==> flow/design.v <==
module gen_shift_unit_rtl #(
   parameter int W = 48,
   parameter int SBITS = $clog2(W)
) (
   input  logic ck,
   input  logic rst,
   input  logic [W-1:0] in,
   input  logic [SBITS-1:0] count,
   output logic [W-1:0] z_o
);
   logic [W-1:0] in_s;
   logic [SBITS-1:0] count_s;
   always_ff @(posedge ck or posedge rst) begin
      if (rst) begin
         in_s <= 0;
         count_s <= 0;
      end else begin
         in_s <= in;
         count_s <= count;
      end
   end
   assign z_o = in_s >> count_s;
endmodule
Reports on gen_shift_unit_rtl. The steps from the RTL of gen_shift_unit_rtl to its reports follow in flow order. Lines are those of the file above, counted from 1. Cell names lack the library's common part. A cell with n/a has no value.

Top module: gen_shift_unit_rtl. Clock input: ck. Standard-cell library: sky130hd. Corner: tt_025C_1v80.

After elaboration. Yosys after proc, flatten, opt, wreduce and memory -nomap, before mapping. Enables and synchronous resets that opt folds into registers are not counted as muxes. Memory bits, and registers merged into a memory's read port (data or address), are not among the register bits. Print and check cells are not counted. Equal cells are merged and count once.

Elaborated cells: 3. Flip-flop bits (word level): 54. Input port bits: 56. The figure for output and inout port bits is 48.

The entry for shift operators reads 1.

Operator list (number): 48-bit by 6-bit >> shifter with 48-bit output (1).

Logic depth. Longest topological path by Yosys (ltp), each cell counted once; first at word level (registers and memories cut), then after technology mapping (sequential cells cut; the memories' decode and read muxes count).

Under depth in word-level cells stands 1. For ABC_AREA the number is 0. Depth in mapped cells: 8. For mapped depth without buffers the number is 5.

Synthesis result. Yosys stat after the flow's synthesis: flattened, memories mapped to cells. It holds for the ABC_AREA given above (unset counts as 0); a run with the other value may have another netlist.

For buffer cells the number is 34. The figure for standard cells after synthesis is 378. For sequential area the number is 1351.3 um^2. Under cell area after synthesis stands 4083.9 um^2. Under flip-flop cells stands 54.

Cells by type: dfrtp_1 (number 54, total area 1.35E+03 um^2); mux4_2 (number 39, total area 878.342 um^2); mux2i_1 (number 44, total area 440.422 um^2); nand2_1 (number 42, total area 157.651 um^2); nor2_1 (number 41, total area 153.898 um^2); mux2_2 (number 13, total area 146.39 um^2); o22ai_1 (number 22, total area 137.632 um^2); a21oi_1 (number 15, total area 75.072 um^2); o21ai_0 (number 15, total area 75.072 um^2); buf_2 (number 11, total area 55.053 um^2); clkbuf_1 (number 14, total area 52.55 um^2); mux4_1 (number 2, total area 52.55 um^2); a211oi_1 (number 5, total area 37.536 um^2); o221ai_1 (number 4, total area 35.034 um^2); buf_6 (number 3, total area 33.782 um^2); a211o_1 (number 3, total area 26.275 um^2); nand2b_1 (number 4, total area 25.024 um^2); a21o_1 (number 3, total area 22.522 um^2).

Other cell types: 27; their cells: 44.

Timing after synthesis. OpenSTA on the mapped netlist: ideal clock, no wires. The path of least setup slack (recovery checks aside). Input and output delay are each 20% of the period. Register names are those of the netlist, which keeps one name where synthesis merged equal registers.

Path type: register -> output. Start point: reg count_s[0]. End point: out z_o[2]. Under setup slack stands 0.485 ns. For arrival time the number is 1.931 ns. The entry for stages on the path reads 7. The entry for delay of the path reads 1.931 ns. The entry for clock period reads 3.02 ns. Buffers on the path: 2. Under data required time stands 2.416 ns. Time at the first pin: 0.000 ns. Output delay: 0.604 ns. The entry for synthesis period reached reads 2.535 ns.

"delay of the path" = arrival - input delay + setup time. A path that ends at an output port has no setup time. "stages on the path" counts driving pins, that of a launching flip-flop among them; a cell with two outputs on the path counts twice. "synthesis period reached" is the clock period less the worst setup slack; recovery checks do not enter. This is arithmetic on one report: input and output delays are still those of the set period (20% each). The rows between start and end are the longest chain of elaborated cells between them; the timing report does not say that the signal goes this way. Where chains are equally long, one stands for them. Each line given opens the expression or statement behind the cell; cells for indexed reads and writes are added by Yosys, which also makes memories of some case tables.

Cells stage by stage: dfrtp_1 buf_6 buf_6 mux4_2 a22oi_1 o22ai_1 or3_1. Under length of the longest elaborated chain stands 1. Elaborated cells on any way between the ends: 1. The entry for source lines of those cells reads 1. Classes of those cells: shift (1).

Ends and longest elaborated chain, post-synthesis: start, declared (RTL line 12) `logic [SBITS-1:0] count_s;`; start, assigned (RTL line 16) `count_s <= 0;`; start, assigned (RTL line 19) `count_s <= count;`; 48-bit by 6-bit >> shifter with 48-bit output (RTL line 22) `assign z_o = in_s >> count_s;`; end, declared (RTL line 9) `output logic [W-1:0] z_o`.

Worst path after layout. From the final timing report of record 2: the path of least setup slack in the routed layout; clock arrival at registers is part of the times.

Path type: register -> output. Start point: reg count_s[0]. End point: out z_o[17]. The entry for stages on the path reads 10. Time at the first pin: 0.31 ns. The entry for clock period reads 2.57 ns. Under setup slack stands -0.65 ns. Output delay: 0.51 ns. For arrival time the number is 2.70 ns. Under data required time stands 2.06 ns. Buffers on the path: 4.

The rows between start and end are the longest chain of elaborated cells between them; the timing report does not say that the signal goes this way. Where chains are equally long, one stands for them.

Cells stage by stage: dfrtp_1 buf_8 buf_12 buf_12 mux4_2 mux2i_2 nand2_1 o21ai_2 o22ai_1 buf_2. Under length of the longest elaborated chain stands 1. Elaborated cells on any way between the ends: 1. The entry for source lines of those cells reads 1. Classes of those cells: shift (1).

Ends and longest elaborated chain, after layout: start, declared (RTL line 12) `logic [SBITS-1:0] count_s;`; start, assigned (RTL line 16) `count_s <= 0;`; start, assigned (RTL line 19) `count_s <= count;`; 48-bit by 6-bit >> shifter with 48-bit output (RTL line 22) `assign z_o = in_s >> count_s;`; end, declared (RTL line 9) `output logic [W-1:0] z_o`.

Hand-over note for gen_shift_unit_rtl

Design gen_shift_unit_rtl on sky130hd. What follows are 3 stored runs of the flow, each under its own settings; their order means nothing. The constraints put input and output delay at 20% of the set period each and load the outputs with 0.01 pF. "achieved clock period": clock period set for the run, less the worst setup slack. It is reckoned from that one timing run; input and output delays stay at 20% of the period that was set. By "time on the worst setup path" is meant the share of the clock period that the worst setup path is allowed (20% is reserved at inputs, 20% at outputs), minus its slack. Clock arrival times at its registers enter into it. "power consumption" is the tool's figure for a default switching activity; nothing was simulated.

Record 1 has these settings: period_ns 2.4; CORE_UTILIZATION 62; PLACE_DENSITY 0.4; CORE_MARGIN 6; CELL_PAD_IN_SITES_GLOBAL_PLACEMENT 0; CELL_PAD_IN_SITES_DETAIL_PLACEMENT 1; GPL_TIMING_DRIVEN 1; CTS_CLUSTER_DIAMETER 78; SLEW_MARGIN 25; MIN_ROUTING_LAYER met1; CAP_MARGIN 20. Outcome: incomplete, placement halted on DPL-0033.

Record 2 has these settings: period_ns 2.57; CORE_UTILIZATION 50; CORE_MARGIN 5; TNS_END_PERCENT 10; ABC_AREA 0; GPL_TIMING_DRIVEN 0; SLEW_MARGIN 10; MAX_ROUTING_LAYER met4; CAP_MARGIN 20. The final utilization is 74.6%. For the total negative slack the run shows -20.839 ns. The power consumption comes to 0.002753 W. For the time on the worst setup path the run shows 2.70 ns. Class of the worst setup path: register -> output. The standard-cell area after layout reads 6,040.8 um^2. For the die outline area the run shows 10,075.1 um^2. The chip area in the Yosys report reads 4,083.9 um^2. The measured setup slack of the worst path is -0.647 ns. The achieved clock period reads 3.217 ns.

Record 3 has these settings: period_ns 3.02; CAP_MARGIN 20; CORE_MARGIN 2; CORE_UTILIZATION 40; SLEW_MARGIN 20. The final utilization is 61.7%. For the total negative slack the run shows -0.813 ns. The power consumption comes to 0.002154 W. For the time on the worst setup path the run shows 2.52 ns. Class of the worst setup path: register -> output. The standard-cell area after layout reads 6,085.8 um^2. For the die outline area the run shows 11,034.5 um^2. The chip area in the Yosys report reads 4,083.9 um^2. The measured setup slack of the worst path is -0.106 ns. The achieved clock period reads 3.126 ns.

End of note.
